==> flow/design.v <==
module dp_mux_mod #(
  parameter integer WD = 4,
  parameter integer N_IN = 64,
  parameter integer SEL_WIDTH = $clog2(N_IN)
) (
  input  logic core_clk,
  input  logic rst_ni,
  input  logic [N_IN*WD-1:0] i_ch,
  input  logic [SEL_WIDTH-1:0] i_choose,
  output logic [WD-1:0] o_result
);
  logic [N_IN*WD-1:0] ch_s;
  logic [SEL_WIDTH-1:0] choose_s;
  assign o_result = ch_s[choose_s*WD +: WD];
  always_ff @(posedge core_clk or negedge rst_ni) begin
    if (!rst_ni) begin
      ch_s <= '0;
      choose_s <= '0;
    end else begin
      ch_s <= i_ch;
      choose_s <= i_choose;
    end
  end
endmodule
Reports on dp_mux_mod
The steps from the RTL of dp_mux_mod to its reports follow in flow order.
Line numbers count from 1 in the design file above.
Library cell names are shortened.
A cell with - has no value.
- design top: dp_mux_mod
- clock: core_clk
- cell library: sky130hd
- library corner: tt_025C_1v80

After elaboration
Source: Yosys, flattened and elaborated, memories not mapped. Widths are those after wreduce; folded enables and synchronous resets count as part of the registers. Registers that Yosys merges into a memory's read port (data or address) are not register bits. Print and check cells do not count. Equal cells are merged and count once.
- flip-flop bits (word level) at 262
- bits of input ports: 264
- noted output and inout port bits: 4
- noted elaborated cells: 3
- noted shift-type cells: 1
- operators by type and width (kind ; count):
    256-bit by 9-bit indexed select with 4-bit output ; 1

Depth
Longest topological path by Yosys (ltp), each cell counted once; first at word level (registers and memories cut), then after technology mapping (sequential cells cut; the memories' decode and read muxes count).
- word-level depth: 1
- noted ABC_AREA: 1
- depth in mapped cells: 11
- mapped depth without buffers at 9

Netlist
Source: synth_stat.txt of the flow (Yosys; design flattened, memories mapped). It holds for the ABC_AREA given above (unset counts as 0); a run with the other value may have another netlist.
- cell types (cell ; count ; total area (sq um)):
    dfrtp_1 ; 262 ; 6.56E+03
    nand2_1 ; 324 ; 1.22E+03
    nand3_1 ; 216 ; 1.08E+03
    buf_6 ; 24 ; 270.259
    buf_2 ; 12 ; 60.058
    clkbuf_1 ; 9 ; 33.782
    buf_4 ; 4 ; 30.029
    inv_1 ; 4 ; 15.014
    buf_1 ; 3 ; 11.261
    inv_2 ; 2 ; 7.507
- noted standard cells after synthesis: 860
- mapped area at 9281.4 sq um
- noted sequential area: 6556.3 sq um
- noted flip-flops: 262
- buffers: 52

Timing after synthesis
Path of least setup slack by OpenSTA after synthesis, without wires, with an ideal clock, recovery checks aside; 20% of the period is set as input and as output delay. Where synthesis merged equal registers, the netlist keeps one of their names.
- path type: reg2out
- start point: reg (name not given)
- end point: out o_result[0]
- clock period: 2.54 ns
- external output delay at 0.508 ns
- time at the first pin: 0.000 ns
- data arrival time: 1.246 ns
- noted required time: 2.032 ns
- setup slack: 0.786 ns
- path delay: 1.246 ns
- stages on the path: 10
- buffers on the path: 1
- period reached after synthesis: 1.754 ns
"path delay" = arrival - input delay + setup time.
A path that ends at an output port has no setup time.
"stages on the path": output pins that drive a net of the path, with the launching flip-flop's if there is one; two outputs of one cell count as two.
"period reached after synthesis" = period - worst setup slack (recovery checks aside). The figure is calculated, with input and output delays left at 20% of the set period.
Between the ends stands the longest chain of elaborated cells between them, by number of cells; it is not shown to be the way that was timed. Of several equally long chains one is given.
Each line given opens the expression or statement behind the cell; cells for indexed reads and writes are added by Yosys, which also makes memories of some case tables.
- cell sequence: dfrtp_1 -> inv_2 -> clkbuf_1 -> nand3_1 -> nand3_1 -> nand2_1 -> nand2_1 -> nand3_1 -> nand3_1 -> nand2_1
- noted length of the longest elaborated chain: 1
- noted elaborated cells on any way between the ends: 1
- RTL lines with such cells: 1
- those cells by class: shift (1)
- RTL lines, path after synthesis (element ; line ; source):
    start: declaration ; 13 ;
    start: assignment ; 18 ;
    start: assignment ; 21 ;
    256-bit by 9-bit indexed select with 4-bit output ; 14 ;
    end: declaration ; 10 ; output logic [WD-1:0] o_result

Worst path after layout
Path of least setup slack in the final report of job 1 (OpenROAD, finished layout, wires in). Where an end is a register, its clock arrival counts in the times.
- path type: reg2out
- start point: reg (name not given)
- end point: out o_result[1]
- clock period: 3.23 ns
- external output delay at 0.65 ns
- time at the first pin: 0.52 ns
- data arrival time: 2.37 ns
- noted required time: 2.58 ns
- setup slack: 0.21 ns
- stages on the path: 12
- buffers on the path: 3
Between the ends stands the longest chain of elaborated cells between them, by number of cells; it is not shown to be the way that was timed. Of several equally long chains one is given.
- cell sequence: dfrtp_4 -> buf_4 -> buf_16 -> nand2_1 -> nand3_1 -> nand3_1 -> nand2_1 -> nand2_1 -> nand3_1 -> nand3_1 -> nand2_1 -> clkbuf_2
- noted length of the longest elaborated chain: 1
- noted elaborated cells on any way between the ends: 1
- RTL lines with such cells: 1
- those cells by class: shift (1)
- RTL lines, path after layout (element ; line ; source):
    start: declaration ; 13 ;
    start: assignment ; 18 ;
    start: assignment ; 21 ;
    256-bit by 9-bit indexed select with 4-bit output ; 14 ;
    end: declaration ; 10 ; output logic [WD-1:0] o_result

dp_mux_mod through Yosys and OpenROAD on sky130hd: 3 stored runs, unordered, with their settings and measured results. The constraints put input and output delay at 20% of the set period each and load the outputs with 0.01 pF.
"period achieved": clock period set for the run, less the worst setup slack. It is reckoned from that one timing run; input and output delays stay at 20% of the period that was set.
"time used up by the worst setup path": the worst setup path's part of the clock period (all of it between registers, 20% less for each end at a port) less its slack. A launch clock that arrives late makes it longer, a capture clock that arrives late makes it shorter.
By "total power of the final layout" is meant OpenSTA's value without simulated activity: inputs other than the clock are taken to toggle once in ten clock periods, and the tool carries that through the logic.

Job 1

==> flow/run.sh <==
#!/bin/bash
# the make line also repeats the synthesis and layout settings of config.mk as NAME=value (left out here)
make -C /OpenROAD-flow-scripts/flow DESIGN_CONFIG=/design/flow/config.mk WORK_HOME=/design/flow/orfs CLKGATE_MAP_FILE= finish
==> flow/config.mk <==
export PLATFORM = sky130hd
export DESIGN_NAME = dp_mux_mod
export DESIGN_NICKNAME = dp_mux_mod
export VERILOG_FILES = /design/flow/design.v
export SDC_FILE = /design/flow/constraint.sdc
export NUM_CORES = 4
export LEC_CHECK = 0
export ABC_AREA = 1
export CAP_MARGIN = 20
export CELL_PAD_IN_SITES_GLOBAL_PLACEMENT = 0
export CORE_MARGIN = 2
export CORE_UTILIZATION = 46
export CTS_CLUSTER_DIAMETER = 341
export GPL_TIMING_DRIVEN = 1
export PLACE_DENSITY = 0.79
export SLEW_MARGIN = 15
==> flow/constraint.sdc <==
create_clock -name core_clock -period 3.23 [get_ports {core_clk}]
set_input_delay 0.6460 -clock core_clock [delete_from_list [all_inputs] [get_ports {core_clk}]]
set_output_delay 0.6460 -clock core_clock [all_outputs]
set_load 0.01 [all_outputs]

Measured in job 1:
- time used up by the worst setup path at 2.37 ns
- class of the worst setup path: reg2out
- noted the die area: 21329.1 sq um
- standard-cell area after routing: 13202.7 sq um
- total power of the final layout at 7.506 mW
- period achieved: 3.019 ns
- smallest setup slack at 0.211 ns
- noted the area of the synthesized netlist: 9281.4 sq um
- noted the utilization in the final report: 67.2%
- total negative slack: 0.000 ns

Job 2

==> flow/run.sh <==
#!/bin/bash
# the make line also repeats the synthesis and layout settings of config.mk as NAME=value (left out here)
make -C /OpenROAD-flow-scripts/flow DESIGN_CONFIG=/design/flow/config.mk WORK_HOME=/design/flow/orfs CLKGATE_MAP_FILE= finish
==> flow/config.mk <==
export PLATFORM = sky130hd
export DESIGN_NAME = dp_mux_mod
export DESIGN_NICKNAME = dp_mux_mod
export VERILOG_FILES = /design/flow/design.v
export SDC_FILE = /design/flow/constraint.sdc
export NUM_CORES = 4
export LEC_CHECK = 0
export ABC_AREA = 0
export CAP_MARGIN = 30
export CELL_PAD_IN_SITES_GLOBAL_PLACEMENT = 1
export CORE_MARGIN = 2
export CORE_UTILIZATION = 67
export GPL_ROUTABILITY_DRIVEN = 0
export MAX_ROUTING_LAYER = met4
export MIN_ROUTING_LAYER = met2
export SLEW_MARGIN = 0
export TNS_END_PERCENT = 60
==> flow/constraint.sdc <==
create_clock -name core_clock -period 1.87 [get_ports {core_clk}]
set_input_delay 0.3740 -clock core_clock [delete_from_list [all_inputs] [get_ports {core_clk}]]
set_output_delay 0.3740 -clock core_clock [all_outputs]
set_load 0.01 [all_outputs]

Job 2: not finished: placement ended with error GPL-0301.

Job 3

==> flow/run.sh <==
#!/bin/bash
# the make line also repeats the synthesis and layout settings of config.mk as NAME=value (left out here)
make -C /OpenROAD-flow-scripts/flow DESIGN_CONFIG=/design/flow/config.mk WORK_HOME=/design/flow/orfs CLKGATE_MAP_FILE= finish
==> flow/config.mk <==
export PLATFORM = sky130hd
export DESIGN_NAME = dp_mux_mod
export DESIGN_NICKNAME = dp_mux_mod
export VERILOG_FILES = /design/flow/design.v
export SDC_FILE = /design/flow/constraint.sdc
export NUM_CORES = 4
export LEC_CHECK = 0
export CAP_MARGIN = 20
export CORE_MARGIN = 2
export CORE_UTILIZATION = 40
export SLEW_MARGIN = 20
==> flow/constraint.sdc <==
create_clock -name core_clock -period 2.54 [get_ports {core_clk}]
set_input_delay 0.5080 -clock core_clock [delete_from_list [all_inputs] [get_ports {core_clk}]]
set_output_delay 0.5080 -clock core_clock [all_outputs]
set_load 0.01 [all_outputs]

Measured in job 3:
- time used up by the worst setup path at 2.56 ns
- class of the worst setup path: reg2out
- noted the die area: 23056.9 sq um
- standard-cell area after routing: 13232.7 sq um
- total power of the final layout at 9.456 mW
- period achieved: 3.073 ns
- smallest setup slack at -0.533 ns
- noted the area of the synthesized netlist: 8743.4 sq um
- noted the utilization in the final report: 61.2%
- total negative slack: -2.069 ns
